==> flow/design.v <==
module dp_aligner_p #(
    parameter WIDTH = 16,
    parameter LOGN = $clog2(WIDTH)
) (
    input  clk,
    input  rst_i,
    input  en,
    input  [WIDTH-1:0] ch,
    input  [LOGN-1:0] dist_in,
    input  [1:0] op,
    output [WIDTH-1:0] q
);
    reg [WIDTH-1:0] ch_reg;
    always @(posedge clk or posedge rst_i) begin
        if (rst_i) begin
            ch_reg <= 0;
        end else if (en) begin
            ch_reg <= ch;
        end
    end
    reg [LOGN-1:0] dist_in_reg;
    always @(posedge clk or posedge rst_i) begin
        if (rst_i) begin
            dist_in_reg <= 0;
        end else if (en) begin
            dist_in_reg <= dist_in;
        end
    end
    reg [1:0] op_reg;
    always @(posedge clk or posedge rst_i) begin
        if (rst_i) begin
            op_reg <= 0;
        end else if (en) begin
            op_reg <= op;
        end
    end
    reg [WIDTH-1:0] cur;
    always @* begin
        case (op_reg)
            2'b00: cur = ch_reg << dist_in_reg;
            2'b01: cur = ch_reg >> dist_in_reg;
            2'b10: cur = $signed(ch_reg) >>> dist_in_reg;
            default: cur = ch_reg;
        endcase
    end
    assign q = cur;
endmodule
======== Tool chain data of dp_aligner_p ========
Tool output for the design above, in the order of the flow.
Line numbers count from 1 in the design file above.
Library cell names are shortened.
A cell with - has no value.
set-up
  top module .............................. dp_aligner_p
  clock ................................... clk
  cell library ............................ sky130hd
  corner .................................. tt_025C_1v80

======== After elaboration ========
Counts by Yosys on the flattened word-level netlist (proc, flatten, opt, wreduce; memories kept). Register bits leave out memories and registers merged into their read ports (data or address); mux counts leave out enables and synchronous resets folded into registers. Print and check cells are left out. Cells with the same type and inputs are merged into one.
bit counts
  memories kept ........................... 0
  output and inout bits ................... 16
  register bits after elaboration ......... 22
  input port bits ......................... 25
  word width x clocked read ports ......... 0
  bits in latches ......................... 0
  RAM bits ................................ 0
  elaborated cells ........................ 10
  bits in read-only memories .............. 0
cells by class
  multiply operators ...................... 0
  bitwise gates (word level) .............. 0
  $lt $le $gt $ge ......................... 0
  add/sub/neg operators ................... 0
  mux-type cells .......................... 1
  equal/unequal tests ..................... 2
  reduce/logical cells .................... 1
  div/mod/pow operators ................... 0
  shift-type cells ........................ 3
operator list
  operator                                        number
  case mux 16 bit (select 3 bit)                  1
  << shifter 16 x 4 -> 16 bit                     1
  >> shifter 16 x 4 -> 16 bit                     1
  >>> shifter 16 x 4 -> 16 bit                    1
  == test 2 x 1 -> 1 bit (second input constant)  1
  == test 2 bit (second input constant)           1
  zero test 2 bit                                 1

======== Longest topological paths ========
Longest topological path by Yosys (ltp), each cell counted once; first at word level (registers and memories cut), then after technology mapping (sequential cells cut; the memories' decode and read muxes count).
logic depth
  word-level depth ........................ 2
  ABC_AREA ................................ 0
  mapped depth ............................ 8
  mapped depth without buffers ............ 5

======== Netlist ========
The flow's flattened synthesis, as Yosys stat reports it; memories are mapped. The netlist is that of the ABC_AREA named above (0 if unset); the other value can give another one.
Totals and module areas in this step are rounded.
cell types
  type      number  area in all (um2)
  dfrtp_1   22      550.528
  mux2_2    27      304.042
  mux4_2    12      270.259
  mux2i_1   22      220.211
  mux4_1    6       157.651
  nor2_1    28      105.101
  o21ai_0   20      100.096
  nand2_1   25      93.84
  a21oi_1   18      90.086
  clkbuf_1  18      67.565
  buf_2     12      60.058
  o211ai_1  8       60.058
  o22ai_1   8       50.048
  nor3_1    9       45.043
  buf_12    2       40.038
  a211o_1   4       35.034
  nand2b_1  5       31.28
  a211oi_1  4       30.029
Other cell types: 43; their cells: 73.
mapped netlist
  buffers ................................. 38
  flip-flop cells ......................... 22
  cell count .............................. 323
  chip area (Yosys) ....................... 2900 um2
  area of sequential cells ................ 550 um2

======== Path before layout ========
OpenSTA on the mapped netlist: ideal clock, no wires. The path of least setup slack (recovery checks aside). Input and output delay are each 20% of the period. Register names are those of the netlist, which keeps one name where synthesis merged equal registers.
path after synthesis
  kind .................................... reg-to-output
  start point ............................. reg dist_in_reg[0]
  end point ............................... out q[8]
  clock period ............................ 2620 ps
  arrival ................................. 1676 ps
  path delay .............................. 1676 ps
  buffers on the path ..................... 2
  stages on the path ...................... 8
  slack ................................... 420 ps
  output delay ............................ 524 ps
  time at the first pin ................... 0 ps
  data required time ...................... 2096 ps
  synthesis period reached ................ 2200 ps
"path delay" = arrival - input delay + setup time.
At an output port there is no setup time.
"stages on the path" counts driving pins, that of a launching flip-flop among them; a cell with two outputs on the path counts twice.
"synthesis period reached" = period - worst setup slack (recovery checks aside). The figure is calculated, with input and output delays left at 20% of the set period.
The rows between start and end are the longest chain of elaborated cells between them; the timing report does not say that the signal goes this way. Where chains are equally long, one stands for them.
Each line given opens the expression or statement behind the cell; cells for indexed reads and writes are added by Yosys, which also makes memories of some case tables.
on the way, after synthesis
  cell sequence ........................... dfrtp_1 -> buf_6 -> buf_12 -> mux4_2 -> mux2i_4 -> nor3_2 -> a21oi_2 -> o211ai_1
  length of the longest elaborated chain .. 2
  elaborated cells between the ends (all ways) .. 4
  source lines of those cells ............. 4
  classes of those cells .................. shift: 3; mux: 1
RTL lines, path after synthesis
  element                         RTL line  RTL
  start, declared                 21        reg [LOGN-1:0] dist_in_reg;
  start, assigned                 24        dist_in_reg <= 0;
  start, assigned                 26        dist_in_reg <= dist_in;
  >>> shifter 16 x 4 -> 16 bit    42        2'b10: cur = $signed(ch_reg) >>> dist_in_reg;
  case mux 16 bit (select 3 bit)  39        case (op_reg)
  end, declared                   11        output [WIDTH-1:0] q

======== Path in the finished layout ========
Path of least setup slack in the final report of job 1 (OpenROAD, finished layout, wires in). Where an end is a register, its clock arrival counts in the times.
The path's times are printed in steps of 10 ps; the period is the one set.
path after layout
  kind .................................... reg-to-output
  start point ............................. reg dist_in_reg[0]
  end point ............................... out q[1]
  clock period ............................ 2110 ps
  output delay ............................ 420 ps
  slack ................................... -720 ps
  buffers on the path ..................... 3
  time at the first pin ................... 270 ps
  arrival ................................. 2410 ps
  data required time ...................... 1690 ps
  stages on the path ...................... 9
The rows between start and end are the longest chain of elaborated cells between them; the timing report does not say that the signal goes this way. Where chains are equally long, one stands for them.
on the way, after layout
  cell sequence ........................... dfrtp_2 -> buf_12 -> buf_6 -> mux2i_4 -> o22ai_2 -> a31oi_1 -> o31ai_1 -> o32a_1 -> buf_2
  length of the longest elaborated chain .. 2
  elaborated cells between the ends (all ways) .. 4
  source lines of those cells ............. 4
  classes of those cells .................. shift: 3; mux: 1
RTL lines, path after layout
  element                         RTL line  RTL
  start, declared                 21        reg [LOGN-1:0] dist_in_reg;
  start, assigned                 24        dist_in_reg <= 0;
  start, assigned                 26        dist_in_reg <= dist_in;
  >>> shifter 16 x 4 -> 16 bit    42        2'b10: cur = $signed(ch_reg) >>> dist_in_reg;
  case mux 16 bit (select 3 bit)  39        case (op_reg)
  end, declared                   11        output [WIDTH-1:0] q

==> runs of dp_aligner_p <==
Top module dp_aligner_p; platform sky130hd; tools Yosys and OpenROAD; 3 stored runs in no particular order. Input and output delays are each 20% of the period that was set; the output load is 0.01 pF.
By "period reached" is meant the clock period of the run minus its worst setup slack. This is arithmetic on one report: input and output delays are still those of the set period (20% each).
"worst path time" means the part of the period allowed to the worst setup path (the constraints hold back 20% at inputs and 20% at outputs) less its slack; where the path has registers, the arrival times of their clocks count too.
"power" is the tool's figure for a default switching activity; nothing was simulated.
"worst path time" is known to 10 ps.
Measured values are rounded.

---- job 1 ----
settings
  period_ns = 2.11
  CORE_UTILIZATION = 28
  SETUP_SLACK_MARGIN = 0.6
  PLACE_DENSITY = 0.68
  CELL_PAD_IN_SITES_DETAIL_PLACEMENT = 1
  GPL_ROUTABILITY_DRIVEN = 0
  CTS_CLUSTER_SIZE = 54
  CTS_CLUSTER_DIAMETER = 261
  SLEW_MARGIN = 10
  CAP_MARGIN = 20
  CORE_MARGIN = 2
results
  standard-cell area of the final layout .. 4500 um2
  cell area after synthesis ............... 2900 um2
  power ................................... 0.0027 W
  post-route setup TNS .................... -8600 ps
  utilization of the finished layout ...... 0.46
  worst setup slack after layout .......... -720 ps
  worst path time ......................... 2410 ps
  worst setup path type ................... reg-to-output
  period reached .......................... 2835 ps
  die size ................................ 11000 um2

---- job 2 ----
settings
  period_ns = 2.62
  CAP_MARGIN = 20
  CORE_MARGIN = 2
  CORE_UTILIZATION = 40
  SLEW_MARGIN = 20
results
  standard-cell area of the final layout .. 4400 um2
  cell area after synthesis ............... 2900 um2
  power ................................... 0.0021 W
  post-route setup TNS .................... -1300 ps
  utilization of the finished layout ...... 0.65
  worst setup slack after layout .......... -150 ps
  worst path time ......................... 2240 ps
  worst setup path type ................... reg-to-output
  period reached .......................... 2766 ps
  die size ................................ 7900 um2

---- job 3 ----
settings
  period_ns = 1.37
  CORE_UTILIZATION = 23
  PLACE_DENSITY = 0.9
  CORE_ASPECT_RATIO = 0.72
  CELL_PAD_IN_SITES_GLOBAL_PLACEMENT = 0
  CELL_PAD_IN_SITES_DETAIL_PLACEMENT = 0
  CAP_MARGIN = 20
  CORE_MARGIN = 2
  SLEW_MARGIN = 20
results
  standard-cell area of the final layout .. 4700 um2
  cell area after synthesis ............... 2900 um2
  power ................................... 0.0046 W
  post-route setup TNS .................... -17000 ps
  utilization of the finished layout ...... 0.39
  worst setup slack after layout .......... -1200 ps
  worst path time ......................... 2250 ps
  worst setup path type ................... reg-to-output
  period reached .......................... 2527 ps
  die size ................................ 13000 um2
